==> flow/design.v <==
module selector_rtl #(
   parameter W = 12
) (
   input wire i_clk,
   input wire reset,
   input wire [W-1:0] d0,
   input wire [W-1:0] d1,
   input wire [W-1:0] d2,
   input wire [W-1:0] d3,
   input wire [W-1:0] d4,
   input wire [W-1:0] d5,
   input wire [W-1:0] d6,
   input wire [W-1:0] d7,
   input wire [2:0] pick,
   output wire [W-1:0] o
);
   reg [W-1:0] tmp;
   always @* begin
      if (pick == 0) tmp = d0;
      else if (pick == 1) tmp = d1;
      else if (pick == 2) tmp = d2;
      else if (pick == 3) tmp = d3;
      else if (pick == 4) tmp = d4;
      else if (pick == 5) tmp = d5;
      else if (pick == 6) tmp = d6;
      else tmp = d7;
   end
   reg [W-1:0] o_q;
   always @(posedge i_clk or posedge reset) begin
      if (reset) begin
         o_q <= 0;
      end else begin
         o_q <= tmp;
      end
   end
   assign o = o_q;
endmodule
# Tool chain data of selector_rtl
# Tool output for the design above, in the order of the flow.
# Lines are those of the file above, counted from 1.
# Operators: Yosys type, input widths -> output width; for muxes data width and select width s.
# Cell names lack the library's common part.
# The mark n/a stands for no value.
# inputs
top_module,selector_rtl
clock_port,i_clk
lib,sky130hd
lib_corner,tt_025C_1v80

# After elaboration
# Counts by Yosys on the flattened word-level netlist (proc, flatten, opt, wreduce; memories kept). Register bits leave out memories and registers merged into their read ports (data or address); mux counts leave out enables and synchronous resets folded into registers. Print and check cells are left out. Cells with the same type and inputs are merged into one.
# classes
n_reduce_logical,1
n_mux,7
n_eq,6
# op_table
operator,n
$mux 12,7
$eq 3x3->1 const B,3
$eq 3x2->1 const B,2
$eq 3x1->1 const B,1
$logic_not 3->1,1
# word_totals
out_inout_bits,12
regBits,12
inputBits,101

# Longest topological paths
# Yosys ltp: most cells in a row. Word level: on the elaborated netlist, between registers, memories and ports. Mapped: between sequential cells and ports; inverters and the memories' decode and read muxes count.
# logic_depth
depth_word,8
ABC_AREA,0
ltp_mapped,6

# Synthesis result
# Source: synth_stat.txt of the flow (Yosys; design flattened, memories mapped). It holds for the ABC_AREA given above (unset counts as 0); a run with the other value may have another netlist.
# types
cell,n,type_area_um2
dfrtp_1,12,300.288
mux2_4,8,120.115
mux2i_1,10,100.096
mux2_2,8,90.086
a31oi_1,10,62.56
a21o_1,8,60.058
a22oi_1,8,60.058
a22o_1,6,52.55
o221ai_1,4,35.034
buf_6,3,33.782
a221oi_2,2,30.029
o21ai_1,6,30.029
nor2_1,7,26.275
buf_2,5,25.024
nor3_1,5,25.024
buf_4,3,22.522
mux2_1,2,22.522
nand2_1,5,18.768
# Other cell types: 11; their cells: 15.
# synth_totals
seqArea_um2,300.3
flip_flops,12
cell_count,127
mapped_area_um2,1217.4

# Path before layout
# Source: OpenSTA report_checks on the synthesized netlist (no wires, ideal clock, input and output delay 20% of the period each), path of least setup slack; recovery checks are left aside. Register names are those of the netlist, which keeps one name where synthesis merged equal registers.
# synth_timing
path_type,input to register
startpoint,in pick[0]
endpoint,reg o_q[4]
arrival_time_ps,1141
period_ps,1500
setup_time_ps,118
stages,5
setup_slack_ps,240
path_delay_ps,959
t_required_ps,1382
period_less_setup_slack_ps,1260
# "path_delay_ps" = arrival - input delay + setup time.
# "stages": output pins that drive a net of the path, with the launching flip-flop's if there is one; two outputs of one cell count as two.
# "period_less_setup_slack_ps" is the clock period less the worst setup slack; recovery checks do not enter. This is arithmetic on one report: input and output delays are still those of the set period (20% each).
# The rows between start and end are the longest chain of elaborated cells between them; the timing report does not say that the signal goes this way. Where chains are equally long, one stands for them.
# A line is the first line of the expression or statement that the cell stems from. Yosys adds cells for indexed reads and writes and turns some case tables into memories.
# synth_via
path_cell_list,buf_6 > mux2_4 > a221oi_2 > a31oi_1 > a21o_1
elab_chain_len,8
cells_between,14
# synth_lines
item,line,rtl
from (decl),14,"input wire [2:0] pick,"
$eq 3x3->1,25,else if (pick == 6) tmp = d6;
$mux 12,25,
$mux 12,24,else if (pick == 5) tmp = d5;
$mux 12,23,else if (pick == 4) tmp = d4;
$mux 12,22,else if (pick == 3) tmp = d3;
$mux 12,21,else if (pick == 2) tmp = d2;
$mux 12,20,else if (pick == 1) tmp = d1;
$mux 12,19,if (pick == 0) tmp = d0;
to (assign),31,o_q <= 0;
to (assign),33,o_q <= tmp;
to (decl),28,reg [W-1:0] o_q;

# Timing after layout
# From the final timing report of record 1: the path of least setup slack in the routed layout; clock arrival at registers is part of the times.
# The path's times are printed in steps of 10 ps; the period is the one set.
# layout_timing
path_type,input to register
startpoint,in pick[2]
endpoint,reg o_q[0]
arrival_time_ps,1590
period_ps,1500
stages,6
t_required_ps,1630
setup_slack_ps,40
setup_time_ps,130
# The rows between start and end are the longest chain of elaborated cells between them; the timing report does not say that the signal goes this way. Where chains are equally long, one stands for them.
# layout_via
path_cell_list,clkdlybuf4s50_1 > buf_6 > buf_4 > nor2_1 > a31oi_1 > o21ai_1
elab_chain_len,8
cells_between,14
# layout_lines
item,line,rtl
from (decl),14,"input wire [2:0] pick,"
$eq 3x3->1,25,else if (pick == 6) tmp = d6;
$mux 12,25,
$mux 12,24,else if (pick == 5) tmp = d5;
$mux 12,23,else if (pick == 4) tmp = d4;
$mux 12,22,else if (pick == 3) tmp = d3;
$mux 12,21,else if (pick == 2) tmp = d2;
$mux 12,20,else if (pick == 1) tmp = d1;
$mux 12,19,if (pick == 0) tmp = d0;
to (assign),31,o_q <= 0;
to (assign),33,o_q <= tmp;
to (decl),28,reg [W-1:0] o_q;

# Record of 3 stored runs of the RTL-to-layout flow on selector_rtl, platform sky130hd. The runs are unordered. Constraints: input delay and output delay 20% of the set period each, output load 0.01 pF.
# "achievedPeriod_ps" means the clock period less the worst setup slack. The figure is calculated, with input and output delays left at 20% of the set period.
# "worst_path_time_ps" = time allowed to the worst setup path (clock period - input delay - output delay, where it has them) - its slack; a late launch clock adds to it, a late capture clock takes from it.
# "power_w" rests on the timing tool's default activity at the inputs, not on a simulated workload.
# "worst_path_time_ps" is given in steps of 10 ps.
# Settings: . = not set for that run.
stored run,period_ns,CAP_MARGIN,CORE_MARGIN,CORE_UTILIZATION,SLEW_MARGIN,SETUP_SLACK_MARGIN,PLACE_DENSITY_LB_ADDON,CORE_ASPECT_RATIO,CELL_PAD_IN_SITES_GLOBAL_PLACEMENT,CELL_PAD_IN_SITES_DETAIL_PLACEMENT,ABC_AREA,GPL_ROUTABILITY_DRIVEN,MAX_ROUTING_LAYER,HOLD_SLACK_MARGIN,TNS_END_PERCENT,GPL_TIMING_DRIVEN,CTS_CLUSTER_DIAMETER,MIN_ROUTING_LAYER,synth_area_um2,layout_stdcell_area_um2,achievedPeriod_ps,power_w,finalUtil_frac,worstSetupSlack_ps,worst_path_time_ps,worst_setup_path_type,design.die.area_um2,final_setup_tns_ps
record 1,1.5,20,2,40,20,.,.,.,.,.,.,.,.,.,.,.,.,.,1217.4,2521.2,1461,0.001247,0.847,39,1160,input to register,3501.1,0
record 2,2.01,20,2,15,10,-0.15,0.2,0.88,3,2,0,0,met4,.,.,.,.,.,1217.4,2534.9,1671,0.001049,0.325,339,1270,input to register,8854.1,0
record 3,1.86,35,2,32,20,0.24,0.24,.,.,.,1,0,.,-0.03,60,0,212,met1,1525.2,2751.4,1486,0.001129,0.59,374,1110,register to output,5334.8,0
